==> flow/design.v <==
module my_mul_unit_mod (sys_clk, nrst, a_in, b_in, clear_in, m_out);
    parameter DWIDTH = 28;
    parameter G = 2;
    input sys_clk;
    input nrst;
    input [DWIDTH-1:0] a_in;
    input [DWIDTH-1:0] b_in;
    input clear_in;
    output [2*DWIDTH+G-1:0] m_out;
    reg [DWIDTH-1:0] a_r;
    reg [DWIDTH-1:0] b_r;
    reg clear_r;
    always @(posedge sys_clk or negedge nrst) begin
        if (~nrst) begin
            a_r <= 0;
            b_r <= 0;
            clear_r <= 1'b0;
        end else begin
            a_r <= a_in;
            b_r <= b_in;
            clear_r <= clear_in;
        end
    end
    wire [2*DWIDTH-1:0] work;
    assign work = a_r * b_r;
    reg [2*DWIDTH+G-1:0] accum;
    always @(posedge sys_clk or negedge nrst) begin
        if (~nrst) begin
            accum <= 0;
        end else begin
            accum <= clear_r ? work : accum + work;
        end
    end
    assign m_out = accum;
endmodule
======== From RTL to reports: my_mul_unit_mod ========
Tool output for the design above, in the order of the flow.
Line numbers count from 1 in the design file above.
A cell with - has no value.
set-up
  top ..................................... my_mul_unit_mod
  clock input ............................. sys_clk
  standard-cell library ................... sky130hd
  corner .................................. tt_025C_1v80

======== Word-level counts ========
Source: Yosys, flattened and elaborated, memories not mapped. Widths are those after wreduce; folded enables and synchronous resets count as part of the registers. Registers that Yosys merges into a memory's read port (data or address) are not register bits. Print and check cells do not count. Equal cells are merged and count once.
operators by class
  add/subtract/negate cells ............... 1
  $mul .................................... 1
  div/mod/pow operators ................... 0
  order comparisons ....................... 0
  equal/unequal tests ..................... 0
  shifts and indexed selects .............. 0
  mux-type cells .......................... 1
  bitwise logic cells ..................... 0
  reductions and logical operators ........ 0
operator list
  operator                      number
  multiplier 28 x 28 -> 56 bit  1
  adder 58 x 56 -> 58 bit       1
  two-way mux 58 bit            1
storage and ports
  flip-flop bits (word level) ............. 115
  latch bits .............................. 0
  RAM bits ................................ 0
  ROM bits ................................ 0
  clocked read ports x word width ......... 0
  memories ................................ 0
  bits of input ports ..................... 59
  output and inout bits ................... 58
  elaborated cells ........................ 7

======== Longest topological paths ========
Depth = most cells in a row (Yosys ltp): at word level without a register or memory, in the mapped netlist without a sequential cell, where the memories' decode and read muxes count.
logic depth
  depth after elaboration ................. 3
  ABC_AREA ................................ 0
  gate-level depth with buffers ........... 39
  mapped depth without buffers ............ 35

======== After synthesis ========
Source: synth_stat.txt of the flow (Yosys; design flattened, memories mapped). It holds for the ABC_AREA given above (unset counts as 0); a run with the other value may have another netlist.
cells by type
  cell                       number  area in all (sq um)
  sky130_fd_sc_hd__fa_1      675     1.35E+04
  sky130_fd_sc_hd__ha_1      270     3378.24
  sky130_fd_sc_hd__inv_1     790     2.97E+03
  sky130_fd_sc_hd__dfrtp_1   115     2877.76
  sky130_fd_sc_hd__and2_1    392     2.45E+03
  sky130_fd_sc_hd__nand2_1   509     1.91E+03
  sky130_fd_sc_hd__clkbuf_1  208     780.749
  sky130_fd_sc_hd__a21oi_1   138     690.662
  sky130_fd_sc_hd__xnor2_1   62      543.021
  sky130_fd_sc_hd__a21o_1    65      487.968
  sky130_fd_sc_hd__xor2_1    42      367.853
  sky130_fd_sc_hd__o21ai_0   67      335.322
  sky130_fd_sc_hd__nor2_1    83      311.549
  sky130_fd_sc_hd__nand4_1   29      181.424
  sky130_fd_sc_hd__mux2_2    12      135.13
  sky130_fd_sc_hd__o21bai_1  17      127.622
  sky130_fd_sc_hd__and3_1    17      106.352
  sky130_fd_sc_hd__nand3_1   19      95.091
Not listed: further types 62, cells in them 187.
mapped netlist
  cell count .............................. 3697
  mapped area ............................. 32716.4 sq um
  sequential part of the area ............. 2877.8 sq um
  mapped flip-flops ....................... 115
  buffers ................................. 218

======== Timing after synthesis ========
Source: OpenSTA report_checks on the synthesized netlist (no wires, ideal clock, input and output delay 20% of the period each), path of least setup slack; recovery checks are left aside. Register names are those of the netlist, which keeps one name where synthesis merged equal registers.
timing path after synthesis
  path type ............................... register -> register
  start point ............................. register a_r[9]
  end point ............................... register accum[51]
  clock period ............................ 10.9 ns
  setup time .............................. 0.125 ns
  time at the first pin ................... 0.000 ns
  arrival time ............................ 8.620 ns
  data required time ...................... 10.775 ns
  setup slack ............................. 2.156 ns
  delay of the path ....................... 8.745 ns
  stages on the path ...................... 34
  path buffers ............................ 3
  period reached after synthesis .......... 8.744 ns
"delay of the path" = arrival - input delay + setup time.
"stages on the path": output pins that drive a net of the path, with the launching flip-flop's if there is one; two outputs of one cell count as two.
"period reached after synthesis" is the clock period less the worst setup slack; recovery checks do not enter. This is arithmetic on one report: input and output delays are still those of the set period (20% each).
The rows between start and end are the longest chain of elaborated cells between them; the timing report does not say that the signal goes this way. Where chains are equally long, one stands for them.
A line is the first line of the expression or statement that the cell stems from. Yosys adds cells for indexed reads and writes and turns some case tables into memories.
on the way, after synthesis
  path through ............................ sky130_fd_sc_hd__dfrtp_1 sky130_fd_sc_hd__clkbuf_1 sky130_fd_sc_hd__clkbuf_1 sky130_fd_sc_hd__nand2_1 sky130_fd_sc_hd__fa_1 sky130_fd_sc_hd__inv_1 sky130_fd_sc_hd__fa_1 sky130_fd_sc_hd__fa_1 sky130_fd_sc_hd__inv_1 sky130_fd_sc_hd__fa_1 sky130_fd_sc_hd__inv_1 sky130_fd_sc_hd__fa_1 sky130_fd_sc_hd__inv_1 sky130_fd_sc_hd__fa_1 sky130_fd_sc_hd__fa_1 sky130_fd_sc_hd__inv_1 sky130_fd_sc_hd__ha_1 sky130_fd_sc_hd__a21o_1 sky130_fd_sc_hd__a31o_1 sky130_fd_sc_hd__a311o_1 sky130_fd_sc_hd__a41o_1 sky130_fd_sc_hd__a21boi_0 sky130_fd_sc_hd__o21ai_0 sky130_fd_sc_hd__a21oi_1 sky130_fd_sc_hd__xnor2_1 sky130_fd_sc_hd__ha_1 sky130_fd_sc_hd__clkbuf_1 sky130_fd_sc_hd__nand2_1 sky130_fd_sc_hd__or4_1 sky130_fd_sc_hd__o21ai_2 sky130_fd_sc_hd__a21oi_2 sky130_fd_sc_hd__o41a_1 sky130_fd_sc_hd__xnor2_1 sky130_fd_sc_hd__mux2_2
  length of the longest elaborated chain .. 3
  elaborated cells on any way between the ends .. 3
  RTL lines with such cells ............... 2
  those cells by class .................... add/sub (1); mul (1); mux (1)
RTL lines, path after synthesis
  item                          line  text
  from (decl)                   10    reg [DWIDTH-1:0] a_r;
  from (assign)                 15    a_r <= 0;
  from (assign)                 19    a_r <= a_in;
  multiplier 28 x 28 -> 56 bit  25    assign work = a_r * b_r;
  adder 58 x 56 -> 58 bit       31    accum <= clear_r ? work : accum + work;
  two-way mux 58 bit            31
  to (assign)                   29    accum <= 0;
  to (assign)                   31
  to (decl)                     26    reg [2*DWIDTH+G-1:0] accum;

======== Timing after layout ========
Path of least setup slack in the final report of run A (OpenROAD, finished layout, wires in). Where an end is a register, its clock arrival counts in the times.
timing path after layout
  path type ............................... register -> register
  start point ............................. register a_r[24]
  end point ............................... register accum[57]
  clock period ............................ 10.9 ns
  setup time .............................. 0.11 ns
  time at the first pin ................... 0.45 ns
  arrival time ............................ 10.26 ns
  data required time ...................... 11.24 ns
  setup slack ............................. 0.98 ns
  stages on the path ...................... 33
  path buffers ............................ 1
The rows between start and end are the longest chain of elaborated cells between them; the timing report does not say that the signal goes this way. Where chains are equally long, one stands for them.
on the way, after layout
  path through ............................ sky130_fd_sc_hd__dfrtp_1 sky130_fd_sc_hd__buf_4 sky130_fd_sc_hd__nand2_1 sky130_fd_sc_hd__fa_1 sky130_fd_sc_hd__inv_1 sky130_fd_sc_hd__fa_1 sky130_fd_sc_hd__inv_1 sky130_fd_sc_hd__fa_1 sky130_fd_sc_hd__fa_1 sky130_fd_sc_hd__inv_1 sky130_fd_sc_hd__fa_1 sky130_fd_sc_hd__fa_1 sky130_fd_sc_hd__inv_1 sky130_fd_sc_hd__fa_1 sky130_fd_sc_hd__inv_1 sky130_fd_sc_hd__ha_1 sky130_fd_sc_hd__a21oi_1 sky130_fd_sc_hd__nand3b_1 sky130_fd_sc_hd__a21oi_1 sky130_fd_sc_hd__a211oi_1 sky130_fd_sc_hd__nor2_1 sky130_fd_sc_hd__a21oi_1 sky130_fd_sc_hd__o211ai_1 sky130_fd_sc_hd__xor2_1 sky130_fd_sc_hd__ha_1 sky130_fd_sc_hd__a21o_1 sky130_fd_sc_hd__a21o_1 sky130_fd_sc_hd__a21oi_1 sky130_fd_sc_hd__o21ai_0 sky130_fd_sc_hd__a2111oi_0 sky130_fd_sc_hd__nor3_1 sky130_fd_sc_hd__o21ai_1 sky130_fd_sc_hd__mux2_2
  length of the longest elaborated chain .. 3
  elaborated cells on any way between the ends .. 3
  RTL lines with such cells ............... 2
  those cells by class .................... add/sub (1); mul (1); mux (1)
RTL lines, path after layout
  item                          line  text
  from (decl)                   10    reg [DWIDTH-1:0] a_r;
  from (assign)                 15    a_r <= 0;
  from (assign)                 19    a_r <= a_in;
  multiplier 28 x 28 -> 56 bit  25    assign work = a_r * b_r;
  adder 58 x 56 -> 58 bit       31    accum <= clear_r ? work : accum + work;
  two-way mux 58 bit            31
  to (assign)                   29    accum <= 0;
  to (assign)                   31
  to (decl)                     26    reg [2*DWIDTH+G-1:0] accum;

Data sheet: physical implementation of my_mul_unit_mod

Top module my_mul_unit_mod; platform sky130hd; tools Yosys and OpenROAD; 3 stored runs in no particular order. Input and output delays are each 20% of the period that was set; the output load is 0.01 pF.
By "clock period reached" is meant the clock period of the run minus its worst setup slack. This is arithmetic on one report: input and output delays are still those of the set period (20% each).
"critical path time" means the part of the period allowed to the worst setup path (the constraints hold back 20% at inputs and 20% at outputs) less its slack; where the path has registers, the arrival times of their clocks count too.

======== run A ========
==> flow/run.sh <==
#!/bin/bash
# the make line also repeats the synthesis and layout settings of config.mk as NAME=value (left out here)
make -C /OpenROAD-flow-scripts/flow DESIGN_CONFIG=/design/flow/config.mk WORK_HOME=/design/flow/orfs CLKGATE_MAP_FILE= finish
==> flow/config.mk <==
export PLATFORM = sky130hd
export DESIGN_NAME = my_mul_unit_mod
export DESIGN_NICKNAME = my_mul_unit_mod
export VERILOG_FILES = /design/flow/design.v
export SDC_FILE = /design/flow/constraint.sdc
export NUM_CORES = 4
export LEC_CHECK = 0
export CAP_MARGIN = 20
export CORE_MARGIN = 2
export CORE_UTILIZATION = 40
export SLEW_MARGIN = 20
==> flow/constraint.sdc <==
create_clock -name core_clock -period 10.9 [get_ports {sys_clk}]
set_input_delay 2.1800 -clock core_clock [delete_from_list [all_inputs] [get_ports {sys_clk}]]
set_output_delay 2.1800 -clock core_clock [all_outputs]
set_load 0.01 [all_outputs]

-------- measured, run A --------
  summed negative setup slack ............. 0.000 ns
  clock period reached .................... 9.925 ns
  critical path time ...................... 9.92 ns
  class of the worst setup path ........... register -> register
  area of the standard cells in the finished layout .. 35531.6 sq um
  utilization in the final report ......... 44.0 %
  worst hold slack after layout ........... 0.575 ns
  synthesized cell area ................... 32716.4 sq um
  worst setup slack after layout .......... 0.975 ns
  die footprint ........................... 84094.2 sq um

======== run B ========
==> flow/run.sh <==
#!/bin/bash
# the make line also repeats the synthesis and layout settings of config.mk as NAME=value (left out here)
make -C /OpenROAD-flow-scripts/flow DESIGN_CONFIG=/design/flow/config.mk WORK_HOME=/design/flow/orfs CLKGATE_MAP_FILE= finish
==> flow/config.mk <==
export PLATFORM = sky130hd
export DESIGN_NAME = my_mul_unit_mod
export DESIGN_NICKNAME = my_mul_unit_mod
export VERILOG_FILES = /design/flow/design.v
export SDC_FILE = /design/flow/constraint.sdc
export NUM_CORES = 4
export LEC_CHECK = 0
export CAP_MARGIN = 30
export CELL_PAD_IN_SITES_DETAIL_PLACEMENT = 0
export CORE_ASPECT_RATIO = 0.73
export CORE_MARGIN = 9
export CORE_UTILIZATION = 67
export PLACE_DENSITY_LB_ADDON = 0.1
export SETUP_SLACK_MARGIN = 1.21
export SLEW_MARGIN = 30
==> flow/constraint.sdc <==
create_clock -name core_clock -period 8.98 [get_ports {sys_clk}]
set_input_delay 1.7960 -clock core_clock [delete_from_list [all_inputs] [get_ports {sys_clk}]]
set_output_delay 1.7960 -clock core_clock [all_outputs]
set_load 0.01 [all_outputs]

-------- measured, run B --------
  utilization in the final report ......... 84.6 %
  summed negative setup slack ............. 0.000 ns
  die footprint ........................... 57207.1 sq um
  area of the standard cells in the finished layout .. 40372.5 sq um
  synthesized cell area ................... 32716.4 sq um
  worst hold slack after layout ........... 0.614 ns
  worst setup slack after layout .......... 0.129 ns
  critical path time ...................... 8.85 ns
  class of the worst setup path ........... register -> register
  clock period reached .................... 8.851 ns

======== run C ========
==> flow/run.sh <==
#!/bin/bash
# the make line also repeats the synthesis and layout settings of config.mk as NAME=value (left out here)
make -C /OpenROAD-flow-scripts/flow DESIGN_CONFIG=/design/flow/config.mk WORK_HOME=/design/flow/orfs CLKGATE_MAP_FILE= finish
==> flow/config.mk <==
export PLATFORM = sky130hd
export DESIGN_NAME = my_mul_unit_mod
export DESIGN_NICKNAME = my_mul_unit_mod
export VERILOG_FILES = /design/flow/design.v
export SDC_FILE = /design/flow/constraint.sdc
export NUM_CORES = 4
export LEC_CHECK = 0
export ABC_AREA = 0
export CAP_MARGIN = 20
export CORE_MARGIN = 2
export CORE_UTILIZATION = 22
export CTS_CLUSTER_SIZE = 65
export PLACE_DENSITY_LB_ADDON = 0.03
export SETUP_SLACK_MARGIN = 0.84
export SLEW_MARGIN = 20
==> flow/constraint.sdc <==
create_clock -name core_clock -period 7.55 [get_ports {sys_clk}]
set_input_delay 1.5100 -clock core_clock [delete_from_list [all_inputs] [get_ports {sys_clk}]]
set_output_delay 1.5100 -clock core_clock [all_outputs]
set_load 0.01 [all_outputs]

-------- measured, run C --------
  summed negative setup slack ............. -23.589 ns
  utilization in the final report ......... 30.4 %
  die footprint ........................... 151812.0 sq um
  synthesized cell area ................... 32716.4 sq um
  worst setup slack after layout .......... -1.024 ns
  clock period reached .................... 8.574 ns
  area of the standard cells in the finished layout .. 44939.4 sq um
  critical path time ...................... 8.57 ns
  class of the worst setup path ........... register -> register
  worst hold slack after layout ........... 0.591 ns
